==> flow/design.v <==
module gen_add_sub #(
   parameter WD = 7
) (
   input  wire clk_i,
   input  wire [WD-1:0] op_a,
   input  wire dir,
   output reg [WD-1:0] out
);
   reg [WD-1:0] op_a_d1;
   reg dir_d1;
   always @(posedge clk_i) begin
      op_a_d1 <= op_a;
      dir_d1 <= dir;
      out <= (op_a_d1 ^ {WD{dir_d1}}) + dir_d1;
   end
endmodule
Wiki page: gen_add_sub / tool data

### Step by step through the tools: gen_add_sub

Module gen_add_sub in several versions that differ in "WD"; each step lists the members.
The file above is the member WD=7. Line numbers count from 1 in each member's own file.
Cell names lack the library's common part.
A cell with n/a has no value.

| set-up | value |
|---|---|
| design top | gen_add_sub |
| clock port | clk_i |
| cell library | sky130hd |
| library corner | tt_025C_1v80 |

### Source of the members

Lines of each other member's file that are new or changed against the file above; lines that a member lacks are not shown.

Lines new or changed:

| WD | line | RTL |
|---|---|---|
| 36 | 2 | `parameter WD = 36` |
| 64 | 2 | `parameter WD = 64` |
| 112 | 2 | `parameter WD = 112` |

### After elaboration

Source: Yosys, flattened and elaborated, memories not mapped. Widths are those after wreduce; folded enables and synchronous resets count as part of the registers. Registers that Yosys merges into a memory's read port (data or address) are not register bits. Print and check cells do not count. Equal cells are merged and count once.

Operators by class:

| WD | add/sub/neg operators | bitwise operators |
|---|---|---|
| 7 | 1 | 1 |
| 36 | 1 | 1 |
| 64 | 1 | 1 |
| 112 | 1 | 1 |

Operators by type and width:

| WD | kind and count |
|---|---|
| 7 | adder 7 x 1 -> 7 bit: 1; bitwise XOR 7 bit: 1 |
| 36 | adder 36 x 1 -> 36 bit: 1; bitwise XOR 36 bit: 1 |
| 64 | adder 64 x 1 -> 64 bit: 1; bitwise XOR 64 bit: 1 |
| 112 | adder 112 x 1 -> 112 bit: 1; bitwise XOR 112 bit: 1 |

Storage and ports:

| WD | word-level cells | output and inout port bits | input bits | register bits after elaboration |
|---|---|---|---|---|
| 7 | 5 | 7 | 9 | 15 |
| 36 | 5 | 36 | 38 | 73 |
| 64 | 5 | 64 | 66 | 129 |
| 112 | 5 | 112 | 114 | 225 |

### Depth

Longest topological path by Yosys (ltp), each cell counted once; first at word level (registers and memories cut), then after technology mapping (sequential cells cut; the memories' decode and read muxes count).

Depth:

| WD | word-level depth | ABC_AREA | mapped depth | depth with buffers taken out |
|---|---|---|---|---|
| 7 | 2 | 0 | 7 | 7 |
| 36 | 2 | 0 | 13 | 9 |
| 64 | 2 | 0 | 13 | 8 |
| 112 | 2 | 0 | 16 | 9 |

### Synthesis result

The flow's flattened synthesis, as Yosys stat reports it; memories are mapped. The netlist is that of the ABC_AREA named above (0 if unset); the other value can give another one.

Mapped netlist:

| WD | synthesis area (um^2) | sequential area (um^2) | flip-flop cells | buffer cells | standard cells after synthesis |
|---|---|---|---|---|---|
| 7 | 515.5 | 300.3 | 15 | 2 | 41 |
| 36 | 3,061.7 | 1,461.4 | 73 | 19 | 310 |
| 64 | 5,920.7 | 2,582.5 | 129 | 32 | 603 |
| 112 | 10,176.0 | 4,504.3 | 225 | 57 | 1,058 |

Cells by type:

| WD | types with counts |
|---|---|
| 7 | dfxtp_1: 15; xnor2_1: 5; o41ai_2: 2; xor2_1: 3; ha_1: 2; a21oi_1: 4; a41o_1: 2; nand2b_4: 1; nor2_1: 2; and2_1: 1; nand2b_1: 1; buf_2: 1; clkbuf_2: 1; inv_1: 1 |
| 36 | dfxtp_1: 73; xnor2_1: 34; xor2_1: 15; a21oi_1: 15; o21ai_0: 15; nand3_1: 13; nand2_1: 15; nor2_1: 14; or4b_1: 5; nand2b_1: 7; clkbuf_1: 10; o22ai_1: 6; nor3_1: 7; o32ai_1: 4; mux2i_1: 3; inv_1: 7; ha_1: 2; nand4_1: 4; [+61] |
| 64 | dfxtp_1: 129; xnor2_1: 70; xor2_1: 33; nand2b_1: 24; mux2i_1: 14; nand2_1: 36; nand3_1: 26; nor2_1: 32; o22ai_1: 18; nand3b_1: 11; nand4b_1: 9; nor2b_1: 12; nand4_1: 11; o2111ai_1: 7; nor3_1: 12; nor3b_1: 8; or4b_1: 6; clkbuf_1: 13; [+132] |
| 112 | dfxtp_1: 225; xnor2_1: 138; xor2_1: 48; mux2i_1: 32; nand2_1: 80; nand3_1: 46; nand2b_1: 31; nor2_1: 43; o22ai_1: 24; nor3_1: 28; nor4_1: 20; nand4_1: 19; or3_1: 19; nand4b_1: 13; o21ai_0: 22; clkbuf_1: 25; nand3b_1: 12; o32ai_1: 10; [+223] |

A list marked [+n] leaves out that many cells.

### Worst setup path after synthesis

OpenSTA on the mapped netlist: ideal clock, no wires. The path of least setup slack (recovery checks aside). Input and output delay are each 20% of the period. Register names are those of the netlist, which keeps one name where synthesis merged equal registers.

Timing after synthesis:

| WD | path kind | from | to | delay of the path (ns) | clock period (ns) | setup slack (ns) | stages | synthesis period reached (ns) |
|---|---|---|---|---|---|---|---|---|
| 7 | register to register | reg dir_d1 | reg out[6] | 1.416 | 1.77 | 0.355 | 7 | 1.415 |
| 36 | register to register | reg dir_d1 | reg out[32] | 3.312 | 4.14 | 0.828 | 14 | 3.312 |
| 64 | register to register | reg dir_d1 | reg out[46] | 3.127 | 3.91 | 0.783 | 14 | 3.127 |
| 112 | register to register | reg dir_d1 | reg out[80] | 4.075 | 5.09 | 1.016 | 17 | 4.074 |

"delay of the path" is the arrival time less input delay plus setup time.
"stages": output pins that drive a net of the path, with the launching flip-flop's if there is one; two outputs of one cell count as two.
"synthesis period reached" is the clock period less the worst setup slack; recovery checks do not enter. This is arithmetic on one report: input and output delays are still those of the set period (20% each).
Between the ends stands the longest chain of elaborated cells between them, by number of cells; it is not shown to be the way that was timed. Of several equally long chains one is given.
Each line given opens the expression or statement behind the cell; cells for indexed reads and writes are added by Yosys, which also makes memories of some case tables.

| between the ends, after synthesis, WD=7 | value |
|---|---|
| length of the longest elaborated chain | 2 |

RTL lines, path after synthesis, WD=7:

| element | line | RTL |
|---|---|---|
| start, declared | 10 | `reg dir_d1;` |
| start, assigned | 13 | `dir_d1 <= dir;` |
| bitwise XOR 7 bit | 14 | `out <= (op_a_d1 ^ {WD{dir_d1}}) + dir_d1;` |
| adder 7 x 1 -> 7 bit | 14 |  |
| end, assigned | 14 |  |
| end, declared | 7 | `output reg [WD-1:0] out` |

| between the ends, after synthesis, WD=112 | value |
|---|---|
| length of the longest elaborated chain | 2 |

RTL lines, path after synthesis, WD=112:

| element | line | RTL |
|---|---|---|
| start, declared | 10 | `reg dir_d1;` |
| start, assigned | 13 | `dir_d1 <= dir;` |
| bitwise XOR 112 bit | 14 | `out <= (op_a_d1 ^ {WD{dir_d1}}) + dir_d1;` |
| adder 112 x 1 -> 112 bit | 14 |  |
| end, assigned | 14 |  |
| end, declared | 7 | `output reg [WD-1:0] out` |

### Path in the finished layout

From the final timing report of the run of each member: the path of least setup slack in the routed layout; clock arrival at registers is part of the times.

Timing post-layout:

| WD | path kind | from | to | clock period (ns) | arrival time (ns) | path buffers | setup slack (ns) | stages |
|---|---|---|---|---|---|---|---|---|
| 7 | register to register | reg dir_d1 | reg out[6] | 1.77 | 1.75 | 0 | 0.22 | 6 |
| 36 | register to register | reg dir_d1 | reg out[34] | 4.14 | 3.42 | 1 | 1.01 | 8 |
| 64 | register to register | reg dir_d1 | reg out[44] | 3.91 | 3.59 | 1 | 0.62 | 8 |
| 112 | register to register | reg dir_d1 | reg out[79] | 5.09 | 4.42 | 1 | 1.13 | 8 |

### Measured runs

One run of the flow (Yosys, OpenROAD) for each member, with settings and measured results. Input and output delays are each 20% of the period that was set; the output load is 0.01 pF.

| flow settings | value |
|---|---|
| CAP_MARGIN | 20 |
| CORE_MARGIN | 2 |
| CORE_UTILIZATION | 40 |
| SLEW_MARGIN | 20 |

Settings that differ:

| WD | period_ns |
|---|---|
| 7 | 1.77 |
| 36 | 4.14 |
| 64 | 3.91 |
| 112 | 5.09 |

Measured results:

| WD | final design utilization (%) | smallest hold slack (ns) | area of the die (um^2) | smallest setup slack (ns) | period reached (ns) | synthesis area (um^2) |
|---|---|---|---|---|---|---|
| 7 | 61.1 | 0.452 | 1,592.0 | 0.220 | 1.550 | 515.5 |
| 36 | 55.3 | 0.429 | 8,370.4 | 1.008 | 3.132 | 3,061.7 |
| 64 | 54.6 | 0.489 | 15,790.4 | 0.616 | 3.294 | 5,920.7 |
| 112 | 53.9 | 0.450 | 26,732.2 | 1.128 | 3.962 | 10,176.0 |

"period reached" = clock period - worst setup slack. The figure is calculated, with input and output delays left at 20% of the set period.
